==> flow/design.v <==
module my_mpy (aclk, a, b, m);
    parameter DATA_W = 6;
    input aclk;
    input [DATA_W-1:0] a;
    input [DATA_W-1:0] b;
    output [2*DATA_W-1:0] m;
    reg [DATA_W-1:0] a_q;
    reg [DATA_W-1:0] b_q;
    always @(posedge aclk) begin
        a_q <= a;
        b_q <= b;
    end
    assign m = a_q * b_q;
endmodule
# From RTL to reports: my_mpy
# Tool output for the design above, in the order of the flow.
# Line numbers count from 1 in the design file above.
# Operators: Yosys type, input widths -> output width; for muxes data width and select width s.
# Cell names lack the library's common part.
# The mark n/a stands for no value.
dict set report setup {
  top_module {my_mpy}
  clock {aclk}
  library {sky130hd}
  pvt_corner {tt_025C_1v80}
}

# After elaboration
# Yosys after proc, flatten, opt, wreduce and memory -nomap, before mapping. Enables and synchronous resets that opt folds into registers are not counted as muxes. Memory bits, and registers merged into a memory's read port (data or address), are not among the register bits. Print and check cells are not counted. Equal cells are merged and count once.
dict set report word_totals {
  ff_bits 12
  input_bits 13
  wordCells 3
}
dict set report classes {
  multipliers 1
}
# cell count
set op_table {}
lappend op_table {{$mul 6x6->12} 1}

# Longest topological paths
# Depth = most cells in a row (Yosys ltp): at word level without a register or memory, in the mapped netlist without a sequential cell, where the memories' decode and read muxes count.
dict set report logic_depth {
  depth_word 1
  abc_area 0
  ltp_mapped 12
  mapped_depth_nobuf 12
}

# Mapped cells and area
# The flow's flattened synthesis, as Yosys stat reports it; memories are mapped. The netlist is that of the ABC_AREA named above (0 if unset); the other value can give another one.
# Totals and module areas in this step are rounded.
dict set report mapped {
  cells 140
  synth_area_um2 1350
  seqArea_um2 240
  flip_flops 12
  buf_cells 0
}
# cell count type_area_um2
set by_type {}
lappend by_type {fa_1 17 340.326}
lappend by_type {ha_1 20 250.24}
lappend by_type {dfxtp_1 12 240.23}
lappend by_type {and2_1 27 168.912}
lappend by_type {inv_1 25 93.84}
lappend by_type {nand2_1 11 41.29}
lappend by_type {xnor2_1 4 35.034}
lappend by_type {xor2_1 2 17.517}
lappend by_type {a21oi_4 1 16.266}
lappend by_type {a21oi_1 3 15.014}
lappend by_type {o31ai_2 1 12.512}
lappend by_type {a221o_1 1 10.01}
lappend by_type {and2b_4 1 10.01}
lappend by_type {nor3_1 2 10.01}
lappend by_type {a211o_1 1 8.758}
lappend by_type {o2bb2ai_1 1 8.758}
lappend by_type {a211oi_1 1 7.507}
lappend by_type {a21o_1 1 7.507}
# Other cell types: 9; their cells: 9.

# Timing after synthesis
# Source: OpenSTA report_checks on the synthesized netlist (no wires, ideal clock, input and output delay 20% of the period each), path of least setup slack; recovery checks are left aside. Register names are those of the netlist, which keeps one name where synthesis merged equal registers.
dict set report synth_path {
  path_type {register -> output}
  startpoint {reg a_q[2]}
  endpoint {out m[10]}
  clock_period_ns 5.03
  out_delay_ns 1.006
  t_arrival_ns 3.220
  required_ns 4.024
  setup_slack_ns 0.804
  delay_ns 3.220
  stages 13
  synth_period_reached_ns 4.226
}
# "delay_ns" = arrival - input delay + setup time.
# A path that ends at an output port has no setup time.
# "stages": output pins that drive a net of the path, with the launching flip-flop's if there is one; two outputs of one cell count as two.
# "synth_period_reached_ns" is the clock period less the worst setup slack; recovery checks do not enter. This is arithmetic on one report: input and output delays are still those of the set period (20% each).
# The rows between start and end are the longest chain of elaborated cells between them; the timing report does not say that the signal goes this way. Where chains are equally long, one stands for them.
# A line is the first line of the expression or statement that the cell stems from. Yosys adds cells for indexed reads and writes and turns some case tables into memories.
dict set report synth_between {
  path_cell_list {dfxtp_1 -> nand2_1 -> fa_1 -> inv_1 -> fa_1 -> inv_1 -> fa_1 -> inv_1 -> ha_1 -> nand3_1 -> nand2_2 -> a221o_1 -> a211o_1}
  elab_chain_cells 1
}
# item line_no
set synth_lines {}
lappend synth_lines {{start: declaration} 7} ;# reg [DATA_W-1:0] a_q;
lappend synth_lines {{start: assignment} 10} ;# a_q <= a;
lappend synth_lines {{$mul 6x6->12} 13} ;# assign m = a_q * b_q;
lappend synth_lines {{end: declaration} 6} ;# output [2*DATA_W-1:0] m;

# Worst path after layout
# Path of least setup slack in the final report of job 1 (OpenROAD, finished layout, wires in). Where an end is a register, its clock arrival counts in the times.
dict set report layout_path {
  path_type {register -> output}
  startpoint {reg a_q[1]}
  endpoint {out m[7]}
  clock_period_ns 5.03
  out_delay_ns 1.01
  t_arrival_ns 3.78
  required_ns 4.02
  setup_slack_ns 0.24
  stages 11
}
# The rows between start and end are the longest chain of elaborated cells between them; the timing report does not say that the signal goes this way. Where chains are equally long, one stands for them.
dict set report layout_between {
  path_cell_list {dfxtp_1 -> and2_1 -> fa_1 -> fa_1 -> inv_1 -> fa_1 -> inv_1 -> ha_1 -> o2bb2ai_2 -> xnor2_1 -> clkdlybuf4s50_1}
  elab_chain_cells 1
}
# item line_no
set layout_lines {}
lappend layout_lines {{start: declaration} 7} ;# reg [DATA_W-1:0] a_q;
lappend layout_lines {{start: assignment} 10} ;# a_q <= a;
lappend layout_lines {{$mul 6x6->12} 13} ;# assign m = a_q * b_q;
lappend layout_lines {{end: declaration} 6} ;# output [2*DATA_W-1:0] m;

Wiki page: my_mpy / flow data

my_mpy through Yosys and OpenROAD on sky130hd: 3 stored runs, unordered, with their settings and measured results. The constraints put input and output delay at 20% of the set period each and load the outputs with 0.01 pF.
"achieved_period_ns" is the run's clock period less its worst setup slack. It is reckoned from that one timing run; input and output delays stay at 20% of the period that was set.
"worst_path_ns" is the time allowed to the run's worst setup path (the clock period less input and output delay, where it has them) less its slack. Clock arrival times count: a late capture clock shortens it, a late launch clock lengthens it.
By "fin_power_mw" is meant OpenSTA's value without simulated activity: inputs other than the clock are taken to toggle once in ten clock periods, and the tool carries that through the logic.
Results are given in rounded form.

# job 1
==> flow/run.sh <==
#!/bin/bash
# the make line also repeats the synthesis and layout settings of config.mk as NAME=value (left out here)
make -C /OpenROAD-flow-scripts/flow DESIGN_CONFIG=/design/flow/config.mk WORK_HOME=/design/flow/orfs CLKGATE_MAP_FILE= finish
==> flow/config.mk <==
export PLATFORM = sky130hd
export DESIGN_NAME = my_mpy
export DESIGN_NICKNAME = my_mpy
export VERILOG_FILES = /design/flow/design.v
export SDC_FILE = /design/flow/constraint.sdc
export NUM_CORES = 4
export LEC_CHECK = 0
export CAP_MARGIN = 20
export CORE_MARGIN = 2
export CORE_UTILIZATION = 40
export SLEW_MARGIN = 20
==> flow/constraint.sdc <==
create_clock -name core_clock -period 5.03 [get_ports {aclk}]
set_input_delay 1.0060 -clock core_clock [delete_from_list [all_inputs] [get_ports {aclk}]]
set_output_delay 1.0060 -clock core_clock [all_outputs]
set_load 0.01 [all_outputs]

==> job 1: results <==
fin_power_mw=0.494
worst_path_ns=3.78
critical_path_type="register -> output"
achieved_period_ns=4.785
layout_stdcell_area_um2=1710
tns_ns=0.000
worstSetupSlack_ns=0.245
synthesis_area_um2=1350
final_util_pct=52.1
holdWs_ns=1.18
die_um2=3850

# job 2
==> flow/run.sh <==
#!/bin/bash
# the make line also repeats the synthesis and layout settings of config.mk as NAME=value (left out here)
make -C /OpenROAD-flow-scripts/flow DESIGN_CONFIG=/design/flow/config.mk WORK_HOME=/design/flow/orfs CLKGATE_MAP_FILE= finish
==> flow/config.mk <==
export PLATFORM = sky130hd
export DESIGN_NAME = my_mpy
export DESIGN_NICKNAME = my_mpy
export VERILOG_FILES = /design/flow/design.v
export SDC_FILE = /design/flow/constraint.sdc
export NUM_CORES = 4
export LEC_CHECK = 0
export ABC_AREA = 0
export CAP_MARGIN = 0
export CELL_PAD_IN_SITES_DETAIL_PLACEMENT = 2
export CELL_PAD_IN_SITES_GLOBAL_PLACEMENT = 2
export CORE_MARGIN = 3
export CORE_UTILIZATION = 49
export CTS_CLUSTER_DIAMETER = 126
export GPL_TIMING_DRIVEN = 0
export MAX_ROUTING_LAYER = met5
export PLACE_DENSITY_LB_ADDON = 0.04
export SETUP_SLACK_MARGIN = 0.06
export SLEW_MARGIN = 0
export TNS_END_PERCENT = 5
==> flow/constraint.sdc <==
create_clock -name core_clock -period 6.72 [get_ports {aclk}]
set_input_delay 1.3440 -clock core_clock [delete_from_list [all_inputs] [get_ports {aclk}]]
set_output_delay 1.3440 -clock core_clock [all_outputs]
set_load 0.01 [all_outputs]

==> job 2: results <==
outcome="stopped before the end: placement reported FLW-0024"

# job 3
==> flow/run.sh <==
#!/bin/bash
# the make line also repeats the synthesis and layout settings of config.mk as NAME=value (left out here)
make -C /OpenROAD-flow-scripts/flow DESIGN_CONFIG=/design/flow/config.mk WORK_HOME=/design/flow/orfs CLKGATE_MAP_FILE= finish
==> flow/config.mk <==
export PLATFORM = sky130hd
export DESIGN_NAME = my_mpy
export DESIGN_NICKNAME = my_mpy
export VERILOG_FILES = /design/flow/design.v
export SDC_FILE = /design/flow/constraint.sdc
export NUM_CORES = 4
export LEC_CHECK = 0
export CAP_MARGIN = 40
export CELL_PAD_IN_SITES_DETAIL_PLACEMENT = 1
export CORE_MARGIN = 2
export CORE_UTILIZATION = 28
export CTS_CLUSTER_SIZE = 44
export GPL_TIMING_DRIVEN = 0
export MAX_ROUTING_LAYER = met5
export PLACE_DENSITY_LB_ADDON = 0.12
export SETUP_SLACK_MARGIN = 0.42
export SLEW_MARGIN = 35
==> flow/constraint.sdc <==
create_clock -name core_clock -period 2.46 [get_ports {aclk}]
set_input_delay 0.4920 -clock core_clock [delete_from_list [all_inputs] [get_ports {aclk}]]
set_output_delay 0.4920 -clock core_clock [all_outputs]
set_load 0.01 [all_outputs]

==> job 3: results <==
synthesis_area_um2=1350
holdWs_ns=0.699
achieved_period_ns=3.823
layout_stdcell_area_um2=2050
die_um2=5380
worst_path_ns=3.33
critical_path_type="register -> output"
worstSetupSlack_ns=-1.36
final_util_pct=43.7
tns_ns=-9.51
fin_power_mw=1.34
